==> flow/design.v <==
module reg_bank_p #(
  parameter integer NUM_REGS = 10,
  parameter integer DW = 24,
  parameter integer IDX_W = $clog2(NUM_REGS)
) (
  input  logic core_clk,
  input  logic RST,
  input  logic wr,
  input  logic [IDX_W-1:0] wr_addr,
  input  logic [DW-1:0] din,
  input  logic [IDX_W-1:0] read_addr,
  output logic [DW-1:0] rd_data
);
  logic wr_reg;
  logic [IDX_W-1:0] wr_addr_reg;
  logic [DW-1:0] din_reg;
  logic [DW-1:0] bank [0:NUM_REGS-1];
  always_ff @(posedge core_clk) begin
    if (wr_reg)
      bank[wr_addr_reg] <= din_reg;
  end
  logic [IDX_W-1:0] read_addr_reg;
  always_ff @(posedge core_clk) begin
    if (RST) begin
      wr_reg <= 1'b0;
      wr_addr_reg <= 0;
      din_reg <= 0;
      read_addr_reg <= 0;
      rd_data <= 0;
    end else begin
      wr_reg <= wr;
      wr_addr_reg <= wr_addr;
      din_reg <= din;
      read_addr_reg <= read_addr;
      rd_data <= bank[read_addr_reg];
    end
  end
endmodule
# Tool chain data of reg_bank_p
# Tool output for the design above, in the order of the flow.
# Lines are those of the file above, counted from 1.
# A cell with -- has no value.
[inputs]
top = "reg_bank_p"
clk_port = "core_clk"
lib = "sky130hd"
lib_corner = "tt_025C_1v80"

# Word-level counts
# Source: Yosys, flattened and elaborated, memories not mapped. Widths are those after wreduce; folded enables and synchronous resets count as part of the registers. Registers that Yosys merges into a memory's read port (data or address) are not register bits. Print and check cells do not count. Equal cells are merged and count once.
# Memory sizes are those after Yosys's memory passes, which may raise the word count (mostly to a power of two), join words into wider ones and drop unused or constant bits.
[bits]
reg_bits = 33
latch_bits = 0
clocked_rd_ports_x_width = 24
out_inout_bits = 24
n_memories = 1
ram_bits = 240
romBits = 0
[op_classes]
shift = 0
equal = 0
reduce_logical = 0
add_sub_neg = 0
n_mul = 0
bitwise = 0
n_div = 0
n_cmp = 0
mux = 3
[memory_table]
columns = ["name", "size", "word_bits", "rd", "wr", "line_no", "text"]
rows = [
  ["bank", 10, 24, 1, 1, 17, "logic [DW-1:0] bank [0:NUM_REGS-1];"],
]
[op_table]
columns = ["op", "count"]
rows = [
  ["24-bit 2-to-1 mux", 1],
  ["4-bit 2-to-1 mux", 1],
  ["1-bit 2-to-1 mux", 1],
]

# Logic depth
# Yosys ltp: most cells in a row. Word level: on the elaborated netlist, between registers, memories and ports. Mapped: between sequential cells and ports; inverters and the memories' decode and read muxes count.
[depth]
depth_word = 1
abc_area = 0
ltp_mapped = 7
ltp_nobuf = 4

# After synthesis
# The flow's flattened synthesis, as Yosys stat reports it; memories are mapped. The netlist is that of the ABC_AREA named above (0 if unset); the other value can give another one.
[mapped]
ffs = 297
synth_area_um2 = 10796.6
seq_area_um2 = 8348.0
cell_count = 602
[by_type]
columns = ["cell", "count", "area_total_um2"]
rows = [
  ["sky130_fd_sc_hd__edfxtp_1", 240, 7.21E+03],
  ["sky130_fd_sc_hd__mux2i_1", 120, 1.2E+03],
  ["sky130_fd_sc_hd__dfxtp_1", 57, 1.14E+03],
  ["sky130_fd_sc_hd__a22oi_1", 48, 360.346],
  ["sky130_fd_sc_hd__nor2b_1", 35, 218.96],
  ["sky130_fd_sc_hd__a211oi_1", 24, 180.173],
  ["sky130_fd_sc_hd__a21oi_1", 24, 120.115],
  ["sky130_fd_sc_hd__buf_12", 4, 80.077],
  ["sky130_fd_sc_hd__clkbuf_1", 18, 67.565],
  ["sky130_fd_sc_hd__buf_8", 4, 60.058],
  ["sky130_fd_sc_hd__nor2_1", 8, 30.029],
  ["sky130_fd_sc_hd__buf_4", 3, 22.522],
  ["sky130_fd_sc_hd__buf_2", 4, 20.019],
  ["sky130_fd_sc_hd__clkbuf_4", 2, 15.014],
  ["sky130_fd_sc_hd__nand3b_1", 2, 15.014],
  ["sky130_fd_sc_hd__nor3_1", 3, 15.014],
  ["sky130_fd_sc_hd__nand2b_1", 2, 12.512],
  ["sky130_fd_sc_hd__buf_6", 1, 11.261],
]
# Other cell types: 3; their cells: 3.

# Timing after synthesis
# OpenSTA on the mapped netlist: ideal clock, no wires. The path of least setup slack (recovery checks aside). Input and output delay are each 20% of the period. Register names are those of the netlist, which keeps one name where synthesis merged equal registers.
[synth_path]
path_kind = "register -> register"
startpoint = "reg wr_reg"
endpoint = "mem bank[0][0]"
path_stages = 3
path_buffers = 0
setup_slack_ps = 704
path_delay_ps = 2836
t_arrival_ps = 2401
setup_time_ps = 435
tclk_ps = 3540
synth_period_reached_ps = 2836
# "path_delay_ps" is the arrival time less input delay plus setup time.
# "path_stages": output pins that drive a net of the path, with the launching flip-flop's if there is one; two outputs of one cell count as two.
# "synth_period_reached_ps" is the clock period less the worst setup slack; recovery checks do not enter. This is arithmetic on one report: input and output delays are still those of the set period (20% each).
# Between the ends stands the longest chain of elaborated cells between them, by number of cells; it is not shown to be the way that was timed. Of several equally long chains one is given.
# Each line given opens the expression or statement behind the cell; cells for indexed reads and writes are added by Yosys, which also makes memories of some case tables.
# The path ends at the enable pin of a flip-flop; only ways to that pin are counted.
[synth_between]
cell_sequence = "sky130_fd_sc_hd__dfxtp_1 > sky130_fd_sc_hd__or3b_1 > sky130_fd_sc_hd__nor3_1"
elab_chain_len = 1
cells_between = 2
lines_between = 1
cone_classes = "mux: 2"
[synth_rtl]
columns = ["item", "line_no", "text"]
rows = [
  ["start, declared", 14, "logic wr_reg;"],
  ["start, assigned", 25, "wr_reg <= 1'b0;"],
  ["start, assigned", 31, "wr_reg <= wr;"],
  ["4-bit 2-to-1 mux", 19, "if (wr_reg)"],
  ["end, declared", 17, "logic [DW-1:0] bank [0:NUM_REGS-1];"],
]

# Worst path after layout
# From the final timing report of run A: the path of least setup slack in the routed layout; clock arrival at registers is part of the times.
# The report prints the path's times to 10 ps; the period is as set.
[layout_path]
path_kind = "register -> output"
startpoint = "reg rd_data[1]"
endpoint = "out rd_data[1]"
output_delay_ps = 710
path_stages = 2
path_buffers = 1
tclk_ps = 3540
t_arrival_ps = 1460
setup_slack_ps = 1380
[layout_between]
cell_sequence = "sky130_fd_sc_hd__dfxtp_1 > sky130_fd_sc_hd__clkdlybuf4s50_1"
elab_chain_len = 0
cells_between = 0
lines_between = 0
[layout_rtl]
columns = ["item", "line_no", "text"]
rows = [
  ["start, declared", 12, "output logic [DW-1:0] rd_data"],
  ["end, declared", 12, ""],
]

# 3 stored runs of reg_bank_p in the flow (synthesis by Yosys, layout by OpenROAD, sky130hd cells), in arbitrary order. Constraints: input delay and output delay 20% of the set period each, output load 0.01 pF.

[[run]]
name = "run A"
[run.settings]
period_ns = 3.54
CAP_MARGIN = 20
CORE_MARGIN = 2
CORE_UTILIZATION = 40
SLEW_MARGIN = 20
[run.results]
timing.setup.ws_ps = 1376
layout_stdcell_area_um2 = 12688.4
total_negative_slack_ps = 0
yosys.chip_area_um2 = 10796.6
worst_hold_slack_ps = 571
final_die_area_um2 = 28321.5

[[run]]
name = "run B"
[run.settings]
period_ns = 5.23
CORE_UTILIZATION = 26
SETUP_SLACK_MARGIN = 0.66
PLACE_DENSITY_LB_ADDON = 0.25
CORE_ASPECT_RATIO = 1.09
ABC_AREA = 0
CTS_CLUSTER_SIZE = 17
CTS_CLUSTER_DIAMETER = 34
CAP_MARGIN = 10
SLEW_MARGIN = 10
CORE_MARGIN = 2
[run.results]
timing.setup.ws_ps = 2720
layout_stdcell_area_um2 = 13780.7
total_negative_slack_ps = 0
yosys.chip_area_um2 = 10796.6
worst_hold_slack_ps = 582
final_die_area_um2 = 43173.3

[[run]]
name = "run C"
[run.settings]
period_ns = 4.88
CORE_UTILIZATION = 34
SETUP_SLACK_MARGIN = 1.35
HOLD_SLACK_MARGIN = -0.07
CTS_CLUSTER_SIZE = 39
CTS_CLUSTER_DIAMETER = 358
MIN_ROUTING_LAYER = "met1"
CAP_MARGIN = 20
CORE_MARGIN = 2
SLEW_MARGIN = 20
[run.results]
timing.setup.ws_ps = 2454
layout_stdcell_area_um2 = 12095.4
total_negative_slack_ps = 0
yosys.chip_area_um2 = 10796.6
worst_hold_slack_ps = 574
final_die_area_um2 = 33196.8
